==> flow/design.v <==
module alu_storage_mod (clk, in_wen, in_waddr, in_din, in_ra, out_q);
  parameter WORDS = 12;
  parameter DWIDTH = 64;
  parameter NUM_RD = 6;
  localparam AW = $clog2(WORDS);
  input clk;
  input in_wen;
  input [AW-1:0] in_waddr;
  input [DWIDTH-1:0] in_din;
  input [NUM_RD*AW-1:0] in_ra;
  output [NUM_RD*DWIDTH-1:0] out_q;
  reg wen_r;
  reg [AW-1:0] waddr_r;
  reg [DWIDTH-1:0] din_r;
  always @(posedge clk) begin
    wen_r <= in_wen;
    waddr_r <= in_waddr;
    din_r <= in_din;
  end
  reg [DWIDTH-1:0] bank [WORDS-1:0];
  always @(posedge clk) begin
    if (wen_r)
      bank[waddr_r] <= din_r;
  end
  reg [NUM_RD*AW-1:0] ra_r;
  always @(posedge clk) begin
    ra_r <= in_ra;
  end
  wire [NUM_RD*DWIDTH-1:0] nxt;
  genvar m;
  generate
    for (m = 0; m < NUM_RD; m = m + 1) begin : lane
      assign nxt[m*DWIDTH +: DWIDTH] = bank[ra_r[m*AW +: AW]];
    end
  endgenerate
  assign out_q = nxt;
endmodule
# == Step by step through the tools: alu_storage_mod ==
# The steps from the RTL of alu_storage_mod to its reports follow in flow order.
# Line numbers count from 1 in the design file above.
# Operators carry their Yosys type and port widths (W data, S select, Z words).
# Library cell names are shortened.
# The mark -- stands for no value.
# inputs
top,alu_storage_mod
clock,clk
cell_library,sky130hd
pvt_corner,tt_025C_1v80

# == Word level ==
# Counts by Yosys on the flattened word-level netlist (proc, flatten, opt, wreduce; memories kept). Register bits leave out memories and registers merged into their read ports (data or address); mux counts leave out enables and synchronous resets folded into registers. Print and check cells are left out. Cells with the same type and inputs are merged into one.
# Yosys's memory passes give these memory sizes; they may raise the number of words (mostly to a power of two), join words into wider ones and drop unused or constant bits.
# bits
register_bits,69
clocked_rd_ports_x_width,384
in_bits,94
out_inout_bits,384
ram_bits,768
wordCells,7
n_memories,1
# classes
n_mux,3
# mem_list
name,words,width,read_ports,write_ports,line,text
bank,12,64,6,1,20,reg [DWIDTH-1:0] bank [WORDS-1:0];
# ops
op,count
$mux W64,1
$mux W4,1
$mux W1,1

# == Depth ==
# Depth = most cells in a row (Yosys ltp): at word level without a register or memory, in the mapped netlist without a sequential cell, where the memories' decode and read muxes count.
# logic_depth
word_depth,1
abc_area,0
ltp_mapped,7
mapped_depth_nobuf,3

# == After synthesis ==
# Source: synth_stat.txt of the flow (Yosys; design flattened, memories mapped). It holds for the ABC_AREA given above (unset counts as 0); a run with the other value may have another netlist.
# synth_totals
n_buf,504
ff_cells,861
seq_area_um2,24923.9
synth_area_um2,64813.4
mapped_cells,4863
# by_type
type,count,type_area_um2
edfxtp_1,768,2.31E+04
mux2_2,768,8.65E+03
mux4_2,384,8.65E+03
mux2i_1,768,7.69E+03
a22o_1,384,3.36E+03
o31ai_2,234,2.93E+03
o22ai_1,384,2.4E+03
dfxtp_1,93,1.86E+03
nand2_1,386,1448.89
buf_6,103,1.16E+03
o31ai_1,150,1126.08
buf_4,122,915.878
clkbuf_1,144,540.518
buf_2,96,480.461
buf_8,12,180.173
buf_1,25,93.84
nor2_4,5,56.304
nand2b_1,8,50.048
# Not listed: further types 9, cells in them 29.

# == Timing after synthesis ==
# OpenSTA on the mapped netlist: ideal clock, no wires. The path of least setup slack (recovery checks aside). Input and output delay are each 20% of the period. Register names are those of the netlist, which keeps one name where synthesis merged equal registers.
# synth_timing
path_kind,register to register
start,reg wen_r
end,mem bank[0][0]
path_delay_ns,5.732
setup_time_ns,0.565
t_required_ns,6.595
clock_period_ns,7.16
stages,3
arrival_ns,5.167
n_path_buf,0
setup_slack_ns,1.428
t_first_pin_ns,0.000
synth_period_reached_ns,5.732
# "path_delay_ns" = arrival - input delay + setup time.
# "stages": output pins that drive a net of the path, with the launching flip-flop's if there is one; two outputs of one cell count as two.
# "synth_period_reached_ns" = period - worst setup slack (recovery checks aside). The figure is calculated, with input and output delays left at 20% of the set period.
# Between the ends stands the longest chain of elaborated cells between them, by number of cells; it is not shown to be the way that was timed. Of several equally long chains one is given.
# A line is the first line of the expression or statement that the cell stems from. Yosys adds cells for indexed reads and writes and turns some case tables into memories.
# Only ways into the end's enable, where the timed path ends, are counted here.
# synth_between
path_cell_list,dfxtp_1 or3b_2 nor3_1
elab_chain_cells,1
cone_cells,2
lines_between,1
classes_between,2 x mux
# synth_rtl
item,line,text
start: declaration,12,reg wen_r;
start: assignment,16,wen_r <= in_wen;
$mux W4,22,if (wen_r)
end: declaration,20,reg [DWIDTH-1:0] bank [WORDS-1:0];

# == Worst path after layout ==
# From the final timing report of run 1: the path of least setup slack in the routed layout; clock arrival at registers is part of the times.
# layout_timing
path_kind,register to output
start,reg (no name shown)
end,out out_q[128]
arrival_ns,4.67
setup_slack_ns,1.06
output_delay_ns,1.43
n_path_buf,3
t_first_pin_ns,0.73
t_required_ns,5.73
stages,7
clock_period_ns,7.16
# layout_between
path_cell_list,dfxtp_4 buf_4 nor2_4 buf_4 a22o_1 o31ai_1 clkdlybuf4s50_1
# layout_rtl
item,line,text
end: declaration,11,output [NUM_RD*DWIDTH-1:0] out_q;
# Chain of elaborated cells between the ends: none given.

# Below are 3 stored runs of the flow (Yosys, OpenROAD; platform sky130hd) on alu_storage_mod, each with its settings and what was measured, unordered. Constraints: input delay and output delay 20% of the set period each, output load 0.01 pF.
# By "timing.achieved_period_ns" is meant the clock period of the run minus its worst setup slack. This is arithmetic on one report: input and output delays are still those of the set period (20% each).
# "worst_path_allowed_less_slack_ns" is the time allowed to the run's worst setup path (the clock period less input and output delay, where it has them) less its slack. Clock arrival times count: a late capture clock shortens it, a late launch clock lengthens it.
# "fin_power_mw" is the tool's figure for a default switching activity; nothing was simulated.
# Among the settings, n/a means not set for that run.
item,run 1,run 2,run 3
period_ns,7.16,4.01,10.6
CAP_MARGIN,20,20,20
CORE_MARGIN,2,2,2
CORE_UTILIZATION,40,32,51
SLEW_MARGIN,20,30,20
SETUP_SLACK_MARGIN,n/a,0.76,2.86
PLACE_DENSITY_LB_ADDON,n/a,0.07,0.0
CORE_ASPECT_RATIO,n/a,1.03,1.27
TNS_END_PERCENT,n/a,20,n/a
GPL_ROUTABILITY_DRIVEN,n/a,1,n/a
MIN_ROUTING_LAYER,n/a,met1,n/a
CELL_PAD_IN_SITES_GLOBAL_PLACEMENT,n/a,n/a,3
CELL_PAD_IN_SITES_DETAIL_PLACEMENT,n/a,n/a,0
ABC_AREA,n/a,n/a,0
MAX_ROUTING_LAYER,n/a,n/a,met5
yosys_chip_area_um2,64813.4,64813.4,64813.4
total_die_area_um2,165271.0,206158.0,129974.0
cell_area_final_um2,74039.8,88189.6,72737.3
fin_util_pct,46.1,43.8,57.6
setup_ws_ns,1.061,0.365,3.227
tns_setup_ns,0.000,0.000,0.000
hold_ws_ns,0.608,0.430,0.601
fin_power_mw,14.497,29.061,9.559
timing.achieved_period_ns,6.099,3.645,7.373
worst_path_allowed_less_slack_ns,4.67,2.84,5.25
worstPathKind,register to output,register to output,register to output
